==> flow/design.v <==
module core_data_mux_top #(
    parameter DATA_WIDTH = 20
) (
    input  wire sys_clk,
    input  wire RSTN,
    input  wire [DATA_WIDTH-1:0] i_data_0,
    input  wire [DATA_WIDTH-1:0] i_data_1,
    input  wire [DATA_WIDTH-1:0] i_data_2,
    input  wire [DATA_WIDTH-1:0] i_data_3,
    input  wire [DATA_WIDTH-1:0] i_data_4,
    input  wire [DATA_WIDTH-1:0] i_data_5,
    input  wire [DATA_WIDTH-1:0] i_data_6,
    input  wire [2:0] i_select,
    output wire [DATA_WIDTH-1:0] o_out
);
    reg [DATA_WIDTH-1:0] tmp;
    always @* begin
        if (i_select == 0) tmp = i_data_0;
        else if (i_select == 1) tmp = i_data_1;
        else if (i_select == 2) tmp = i_data_2;
        else if (i_select == 3) tmp = i_data_3;
        else if (i_select == 4) tmp = i_data_4;
        else if (i_select == 5) tmp = i_data_5;
        else tmp = i_data_6;
    end
    reg [DATA_WIDTH-1:0] out_reg;
    always @(posedge sys_clk) begin
        if (!RSTN) begin
            out_reg <= 0;
        end else begin
            out_reg <= tmp;
        end
    end
    assign o_out = out_reg;
endmodule
From RTL to reports: core_data_mux_top
The steps from the RTL of core_data_mux_top to its reports follow in flow order.
Lines are those of the file above, counted from 1.
Operators: Yosys type, input widths -> output width; for muxes data width and select width s.
Cell names lack the library's common part.
A cell with - has no value.
- top module: core_data_mux_top
- clock input: sys_clk
- library: sky130hd
- library corner: tt_025C_1v80

Elaborated design
Counts by Yosys on the flattened word-level netlist (proc, flatten, opt, wreduce; memories kept). Register bits leave out memories and registers merged into their read ports (data or address); mux counts leave out enables and synchronous resets folded into registers. Print and check cells are left out. Cells with the same type and inputs are merged into one.
- noted equality and inequality tests: 5
- multiplexer cells: 6
- reductions and logical operators: 1
- operators with widths (kind ; count):
    $mux 20 ; 6
    $eq 3x2->1 const B ; 2
    $eq 3x3->1 const B ; 2
    $eq 3x1->1 const B ; 1
    $logic_not 3->1 ; 1
- word-level cells: 13
- output and inout port bits: 20
- register bits after elaboration at 20
- noted input port bits: 145

Longest topological paths
Yosys ltp: most cells in a row. Word level: on the elaborated netlist, between registers, memories and ports. Mapped: between sequential cells and ports; inverters and the memories' decode and read muxes count.
- depth after elaboration: 7
- noted ABC_AREA: 0
- gate-level depth with buffers at 6
- depth with buffers taken out at 4

After synthesis
Yosys stat after the flow's synthesis: flattened, memories mapped to cells. It holds for the ABC_AREA given above (unset counts as 0); a run with the other value may have another netlist.
Totals and module areas in this step are rounded.
- cells by type (type ; count ; area in all (um2)):
    dfxtp_1 ; 20 ; 400.384
    mux2i_1 ; 40 ; 400.384
    a221oi_2 ; 20 ; 300.288
    o221a_1 ; 20 ; 225.216
    a211oi_1 ; 20 ; 150.144
    a21oi_1 ; 20 ; 100.096
    buf_6 ; 7 ; 78.826
    nand2_1 ; 20 ; 75.072
    nor2_1 ; 20 ; 75.072
    buf_2 ; 9 ; 45.043
    clkbuf_1 ; 7 ; 26.275
    buf_4 ; 3 ; 22.522
    buf_12 ; 1 ; 20.019
    or3_4 ; 1 ; 11.261
    nand2b_1 ; 1 ; 6.256
    nor2b_1 ; 1 ; 6.256
    inv_2 ; 1 ; 3.754
- sequential part of the area: 0.0004 mm2
- noted mapped flip-flops: 20
- buffer cells: 27
- cell area after synthesis: 0.00195 mm2
- noted cells in the netlist: 211

Timing after synthesis
OpenSTA on the mapped netlist: ideal clock, no wires. The path of least setup slack (recovery checks aside). Input and output delay are each 20% of the period. Register names are those of the netlist, which keeps one name where synthesis merged equal registers.
- path kind: input to register
- start: input port i_select[1]
- end: register out_reg[0]
- noted required time: 1.411 ns
- noted path slack: 0.248 ns
- buffers on the path at 2
- delay of the path at 0.976 ns
- noted launch time at the first pin: 0.306 ns
- noted arrival time: 1.163 ns
- setup time at 0.119 ns
- noted driving pins on the path: 4
- input delay at 0.306 ns
- period: 1.53 ns
- synthesis period reached: 1.282 ns
"delay of the path" is the arrival time less input delay plus setup time.
"driving pins on the path" counts driving pins, that of a launching flip-flop among them; a cell with two outputs on the path counts twice.
"synthesis period reached" is the clock period less the worst setup slack; recovery checks do not enter. This is arithmetic on one report: input and output delays are still those of the set period (20% each).
Between the ends stands the longest chain of elaborated cells between them, by number of cells; it is not shown to be the way that was timed. Of several equally long chains one is given.
Each line given opens the expression or statement behind the cell; cells for indexed reads and writes are added by Yosys, which also makes memories of some case tables.
- path through: buf_4 -> or3_4 -> buf_6 -> o221a_1
- cells in the longest elaborated chain at 7
- noted elaborated cells between the ends (all ways): 12
- noted RTL lines with such cells: 6
- those cells by class: 5 x eq/ne; 6 x mux; 1 x reduce/logical
- ends and longest elaborated chain, after synthesis (what ; line ; source):
    start: declaration ; 13 ; input  wire [2:0] i_select,
    $eq 3x3->1 ; 23 ; else if (i_select == 5) tmp = i_data_5;
    $mux 20 ; 23 ;
    $mux 20 ; 22 ; else if (i_select == 4) tmp = i_data_4;
    $mux 20 ; 21 ; else if (i_select == 3) tmp = i_data_3;
    $mux 20 ; 20 ; else if (i_select == 2) tmp = i_data_2;
    $mux 20 ; 19 ; else if (i_select == 1) tmp = i_data_1;
    $mux 20 ; 18 ; if (i_select == 0) tmp = i_data_0;
    end: assignment ; 29 ; out_reg <= 0;
    end: assignment ; 31 ; out_reg <= tmp;
    end: declaration ; 26 ; reg [DATA_WIDTH-1:0] out_reg;

Worst path after layout
Path of least setup slack in the final report of stored run 3 (OpenROAD, finished layout, wires in). Where an end is a register, its clock arrival counts in the times.
- path kind: register to output
- start: register out_reg[0]
- end: output port o_out[0]
- noted path slack: 0.07 ns
- buffers on the path at 1
- noted launch time at the first pin: 0.26 ns
- noted required time: 1.22 ns
- noted arrival time: 1.16 ns
- noted external output delay: 0.31 ns
- noted driving pins on the path: 2
- period: 1.53 ns
- path through: dfxtp_1 -> clkdlybuf4s50_1
- cells in the longest elaborated chain at 0
- noted elaborated cells between the ends (all ways): 0
- noted RTL lines with such cells: 0
- ends and longest elaborated chain, after layout (what ; line ; source):
    start: declaration ; 26 ; reg [DATA_WIDTH-1:0] out_reg;
    start: assignment ; 29 ; out_reg <= 0;
    start: assignment ; 31 ; out_reg <= tmp;
    end: declaration ; 14 ; output wire [DATA_WIDTH-1:0] o_out

## Implementation results

Design core_data_mux_top on sky130hd. What follows are 3 stored runs of the flow, each under its own settings; their order means nothing. The constraints put input and output delay at 20% of the set period each and load the outputs with 0.01 pF.
"time used up by the worst setup path" means the part of the period allowed to the worst setup path (the constraints hold back 20% at inputs and 20% at outputs) less its slack; where the path has registers, the arrival times of their clocks count too.
The measured numbers are rounded.

Stored run 1
Settings were period_ns = 1.8; CORE_UTILIZATION = 60; SETUP_SLACK_MARGIN = 0.14; PLACE_DENSITY = 0.64; HOLD_SLACK_MARGIN = 0.26; TNS_END_PERCENT = 15; ABC_AREA = 0; GPL_TIMING_DRIVEN = 1; GPL_ROUTABILITY_DRIVEN = 0; CAP_MARGIN = 25; CORE_MARGIN = 2; SLEW_MARGIN = 20
- not finished: placement ended with error GPL-0301

Stored run 2
Settings were period_ns = 1.18; CORE_UTILIZATION = 66; SETUP_SLACK_MARGIN = 0.32; PLACE_DENSITY_LB_ADDON = 0.04; HOLD_SLACK_MARGIN = -0.07; CORE_ASPECT_RATIO = 0.59; CORE_MARGIN = 8; CELL_PAD_IN_SITES_GLOBAL_PLACEMENT = 2; CELL_PAD_IN_SITES_DETAIL_PLACEMENT = 0; ABC_AREA = 0; GPL_TIMING_DRIVEN = 1; GPL_ROUTABILITY_DRIVEN = 0; CTS_CLUSTER_SIZE = 76; CTS_CLUSTER_DIAMETER = 236; CAP_MARGIN = 5; SLEW_MARGIN = 30; MIN_ROUTING_LAYER = met1
- not finished: placement ended with error FLW-0024

Stored run 3
Settings were period_ns = 1.53; CAP_MARGIN = 20; CORE_MARGIN = 2; CORE_UTILIZATION = 40; SLEW_MARGIN = 20
- time used up by the worst setup path at 1.16 ns
- class of the worst setup path: register to output
- overall die area: 0.00544 mm2
- noted the worst hold slack: 0.698 ns
- std-cell area (final layout): 0.00371 mm2
- noted the lowest setup slack: 0.067 ns
- post-synthesis cell area: 0.00195 mm2
- summed negative setup slack: 0.000 ns
